==> flow/design.v <==
module cpu_shifter (ck, RSTN, enable, i_ch, i_n, i_dir, o_data_out);
    parameter integer BITS = 20;
    localparam integer SEL_WIDTH = $clog2(BITS);
    input ck;
    input RSTN;
    input enable;
    input [BITS-1:0] i_ch;
    input [SEL_WIDTH-1:0] i_n;
    input i_dir;
    output [BITS-1:0] o_data_out;
    reg [BITS-1:0] r_ch;
    reg [SEL_WIDTH-1:0] r_n;
    reg r_dir;
    always @(posedge ck or negedge RSTN) begin
        if (~RSTN) begin
            r_ch <= 0;
            r_n <= 0;
            r_dir <= 1'b0;
        end else if (enable) begin
            r_ch <= i_ch;
            r_n <= i_n;
            r_dir <= i_dir;
        end
    end
    assign o_data_out = r_dir ? r_ch << r_n : r_ch >> r_n;
endmodule
---- Tool chain data of cpu_shifter ----
Tool output for the design above, in the order of the flow.
Lines are those of the file above, counted from 1.
Operators carry their Yosys type and port widths (W data, S select, Z words).
The mark - stands for no value.
inputs
  top module .............................. cpu_shifter
  clock port .............................. ck
  library ................................. sky130hd
  library corner .......................... tt_025C_1v80

---- Word-level counts ----
Yosys after proc, flatten, opt, wreduce and memory -nomap, before mapping. Enables and synchronous resets that opt folds into registers are not counted as muxes. Memory bits, and registers merged into a memory's read port (data or address), are not among the register bits. Print and check cells are not counted. Equal cells are merged and count once.
cells by class
  shift operators ......................... 2
  muxes and demuxes ....................... 1
operators with widths
  kind             count
  $shl A20 B5 Y20  1
  $shr A20 B5 Y20  1
  $mux W20         1
storage and ports
  input bits .............................. 29
  register bits ........................... 26
  output and inout bits ................... 20

---- Depth ----
Longest topological path by Yosys (ltp), each cell counted once; first at word level (registers and memories cut), then after technology mapping (sequential cells cut; the memories' decode and read muxes count).
depth
  depth in word-level cells ............... 2
  ABC_AREA ................................ 1
  gate-level depth with buffers ........... 12

---- Mapped cells and area ----
Source: synth_stat.txt of the flow (Yosys; design flattened, memories mapped). It holds for the ABC_AREA given above (unset counts as 0); a run with the other value may have another netlist.
mapped netlist
  buffer cells ............................ 34
  flip-flops .............................. 26
  chip area (Yosys) ....................... 2806.4 µm²
  cell count .............................. 480
cells by type
  cell                       count
  sky130_fd_sc_hd__nand3_1   145
  sky130_fd_sc_hd__nand2_1   180
  sky130_fd_sc_hd__dfrtp_1   26
  sky130_fd_sc_hd__mux2_2    19
  sky130_fd_sc_hd__buf_2     20
  sky130_fd_sc_hd__inv_1     17
  sky130_fd_sc_hd__nand2_2   9
  sky130_fd_sc_hd__a21oi_1   9
  sky130_fd_sc_hd__o21ai_0   9
  sky130_fd_sc_hd__nand4_1   7
  sky130_fd_sc_hd__nor2_1    11
  sky130_fd_sc_hd__o21ai_1   7
  sky130_fd_sc_hd__clkbuf_1  8
  sky130_fd_sc_hd__buf_4     3
  sky130_fd_sc_hd__nor2_2    2
  sky130_fd_sc_hd__buf_6     1
  sky130_fd_sc_hd__inv_2     3
  sky130_fd_sc_hd__a21oi_2   1
Other cell types: 2; their cells: 3.

---- Path before layout ----
OpenSTA on the mapped netlist: ideal clock, no wires. The path of least setup slack (recovery checks aside). Input and output delay are each 20% of the period. Register names are those of the netlist, which keeps one name where synthesis merged equal registers.
timing path after synthesis
  kind .................................... reg2out
  start ................................... reg r_n[2]
  end ..................................... out o_data_out[11]
  required time ........................... 2.256 ns
  clock period ............................ 2.82 ns
  buffers on the path ..................... 2
  launch time at the first pin ............ 0.000 ns
  external output delay ................... 0.564 ns
  stages .................................. 8
  arrival ................................. 1.281 ns
  path slack .............................. 0.975 ns
  path delay .............................. 1.281 ns
  synthesis period reached ................ 1.845 ns
"path delay" = arrival - input delay + setup time.
At an output port there is no setup time.
"stages" counts driving pins, that of a launching flip-flop among them; a cell with two outputs on the path counts twice.
"synthesis period reached" = period - worst setup slack (recovery checks aside). The figure is calculated, with input and output delays left at 20% of the set period.
The rows between start and end are the longest chain of elaborated cells between them; the timing report does not say that the signal goes this way. Where chains are equally long, one stands for them.
A line is the first line of the expression or statement that the cell stems from. Yosys adds cells for indexed reads and writes and turns some case tables into memories.
between the ends, after synthesis
  cells stage by stage .................... sky130_fd_sc_hd__dfrtp_1 -> sky130_fd_sc_hd__buf_2 -> sky130_fd_sc_hd__inv_2 -> sky130_fd_sc_hd__buf_2 -> sky130_fd_sc_hd__nand3_1 -> sky130_fd_sc_hd__a21oi_1 -> sky130_fd_sc_hd__nand2_1 -> sky130_fd_sc_hd__a21oi_1
  cells in the longest elaborated chain ... 2
ends and longest elaborated chain, after synthesis
  element          line  source
  start, declared  12    reg [SEL_WIDTH-1:0] r_n;
  start, assigned  17    r_n <= 0;
  start, assigned  21    r_n <= i_n;
  $shr A20 B5 Y20  25    assign o_data_out = r_dir ? r_ch << r_n : r_ch >> r_n;
  $mux W20         25
  end, declared    10    output [BITS-1:0] o_data_out;

---- Timing after layout ----
From the final timing report of flow run 1: the path of least setup slack in the routed layout; clock arrival at registers is part of the times.
timing path post-layout
  kind .................................... reg2out
  start ................................... reg r_n[1]
  end ..................................... out o_data_out[16]
  path slack .............................. -0.05 ns
  buffers on the path ..................... 2
  stages .................................. 10
  required time ........................... 2.13 ns
  launch time at the first pin ............ 0.27 ns
  arrival ................................. 2.18 ns
  external output delay ................... 0.53 ns
  clock period ............................ 2.66 ns
The rows between start and end are the longest chain of elaborated cells between them; the timing report does not say that the signal goes this way. Where chains are equally long, one stands for them.
between the ends, post-layout
  cells stage by stage .................... sky130_fd_sc_hd__dfrtp_1 -> sky130_fd_sc_hd__inv_2 -> sky130_fd_sc_hd__buf_12 -> sky130_fd_sc_hd__nand4_1 -> sky130_fd_sc_hd__nor2_1 -> sky130_fd_sc_hd__nand2_1 -> sky130_fd_sc_hd__nand3_1 -> sky130_fd_sc_hd__nand2_1 -> sky130_fd_sc_hd__nand2_1 -> sky130_fd_sc_hd__clkdlybuf4s50_1
  cells in the longest elaborated chain ... 2
ends and longest elaborated chain, post-layout
  element          line  source
  start, declared  12    reg [SEL_WIDTH-1:0] r_n;
  start, assigned  17    r_n <= 0;
  start, assigned  21    r_n <= i_n;
  $shr A20 B5 Y20  25    assign o_data_out = r_dir ? r_ch << r_n : r_ch >> r_n;
  $mux W20         25
  end, declared    10    output [BITS-1:0] o_data_out;

--- measured runs ---
Top module cpu_shifter; platform sky130hd; tools Yosys and OpenROAD; 3 stored runs in no particular order. Input and output delays are each 20% of the period that was set; the output load is 0.01 pF.
"achieved clock period (ns)" = clock period - worst setup slack. The figure is calculated, with input and output delays left at 20% of the set period.
"worst setup path time (ns)" means the part of the period allowed to the worst setup path (the constraints hold back 20% at inputs and 20% at outputs) less its slack; where the path has registers, the arrival times of their clocks count too.
By "finish__power__total" is meant OpenSTA's value without simulated activity: inputs other than the clock are taken to toggle once in ten clock periods, and the tool carries that through the logic.

Flow files of flow run 1
==> flow/run.sh <==
#!/bin/bash
# the make line also repeats the synthesis and layout settings of config.mk as NAME=value (left out here)
make -C /OpenROAD-flow-scripts/flow DESIGN_CONFIG=/design/flow/config.mk WORK_HOME=/design/flow/orfs CLKGATE_MAP_FILE= finish
==> flow/config.mk <==
export PLATFORM = sky130hd
export DESIGN_NAME = cpu_shifter
export DESIGN_NICKNAME = cpu_shifter
export VERILOG_FILES = /design/flow/design.v
export SDC_FILE = /design/flow/constraint.sdc
export NUM_CORES = 4
export LEC_CHECK = 0
export ABC_AREA = 1
export CAP_MARGIN = 20
export CELL_PAD_IN_SITES_GLOBAL_PLACEMENT = 2
export CORE_ASPECT_RATIO = 1.24
export CORE_MARGIN = 2
export CORE_UTILIZATION = 26
export CTS_CLUSTER_SIZE = 72
export GPL_ROUTABILITY_DRIVEN = 1
export SLEW_MARGIN = 20
==> flow/constraint.sdc <==
create_clock -name core_clock -period 2.66 [get_ports {ck}]
set_input_delay 0.5320 -clock core_clock [delete_from_list [all_inputs] [get_ports {ck}]]
set_output_delay 0.5320 -clock core_clock [all_outputs]
set_load 0.01 [all_outputs]

report of flow run 1
yosys chip area after synthesis (um^2): 2806.4
finish__design__die__area: 11645.8
finish__design__instance__area__stdcell: 3859.9
finish__design__instance__utilization: 0.3636
finish__timing__setup__ws: -0.048
finish__timing__setup__tns: -0.048
finish__timing__hold__ws: 0.552
finish__power__total: 1.950e-03
achieved clock period (ns): 2.708
worst setup path time (ns): 2.18
worst setup path kind: reg2out

Flow files of flow run 2
==> flow/run.sh <==
#!/bin/bash
# the make line also repeats the synthesis and layout settings of config.mk as NAME=value (left out here)
make -C /OpenROAD-flow-scripts/flow DESIGN_CONFIG=/design/flow/config.mk WORK_HOME=/design/flow/orfs CLKGATE_MAP_FILE= finish
==> flow/config.mk <==
export PLATFORM = sky130hd
export DESIGN_NAME = cpu_shifter
export DESIGN_NICKNAME = cpu_shifter
export VERILOG_FILES = /design/flow/design.v
export SDC_FILE = /design/flow/constraint.sdc
export NUM_CORES = 4
export LEC_CHECK = 0
export CAP_MARGIN = 20
export CORE_MARGIN = 2
export CORE_UTILIZATION = 40
export SLEW_MARGIN = 20
==> flow/constraint.sdc <==
create_clock -name core_clock -period 2.82 [get_ports {ck}]
set_input_delay 0.5640 -clock core_clock [delete_from_list [all_inputs] [get_ports {ck}]]
set_output_delay 0.5640 -clock core_clock [all_outputs]
set_load 0.01 [all_outputs]

report of flow run 2
yosys chip area after synthesis (um^2): 3198.1
finish__design__die__area: 8726.4
finish__design__instance__area__stdcell: 4411.7
finish__design__instance__utilization: 0.5709
finish__timing__setup__ws: -0.035
finish__timing__setup__tns: -0.168
finish__timing__hold__ws: 0.630
finish__power__total: 2.010e-03
achieved clock period (ns): 2.855
worst setup path time (ns): 2.29
worst setup path kind: reg2out

Flow files of flow run 3
==> flow/run.sh <==
#!/bin/bash
# the make line also repeats the synthesis and layout settings of config.mk as NAME=value (left out here)
make -C /OpenROAD-flow-scripts/flow DESIGN_CONFIG=/design/flow/config.mk WORK_HOME=/design/flow/orfs CLKGATE_MAP_FILE= finish
==> flow/config.mk <==
export PLATFORM = sky130hd
export DESIGN_NAME = cpu_shifter
export DESIGN_NICKNAME = cpu_shifter
export VERILOG_FILES = /design/flow/design.v
export SDC_FILE = /design/flow/constraint.sdc
export NUM_CORES = 4
export LEC_CHECK = 0
export CAP_MARGIN = 20
export CELL_PAD_IN_SITES_DETAIL_PLACEMENT = 0
export CORE_MARGIN = 9
export CORE_UTILIZATION = 33
export GPL_TIMING_DRIVEN = 1
export MAX_ROUTING_LAYER = met5
export PLACE_DENSITY_LB_ADDON = 0.16
export SETUP_SLACK_MARGIN = 0.65
export SLEW_MARGIN = 20
==> flow/constraint.sdc <==
create_clock -name core_clock -period 2.17 [get_ports {ck}]
set_input_delay 0.4340 -clock core_clock [delete_from_list [all_inputs] [get_ports {ck}]]
set_output_delay 0.4340 -clock core_clock [all_outputs]
set_load 0.01 [all_outputs]

report of flow run 3
yosys chip area after synthesis (um^2): 3198.1
finish__design__die__area: 13559.4
finish__design__instance__area__stdcell: 4961.0
finish__design__instance__utilization: 0.5319
finish__timing__setup__ws: -0.571
finish__timing__setup__tns: -9.688
finish__timing__hold__ws: 0.512
finish__power__total: 2.872e-03
achieved clock period (ns): 2.741
worst setup path time (ns): 2.31
worst setup path kind: reg2out
--- end ---
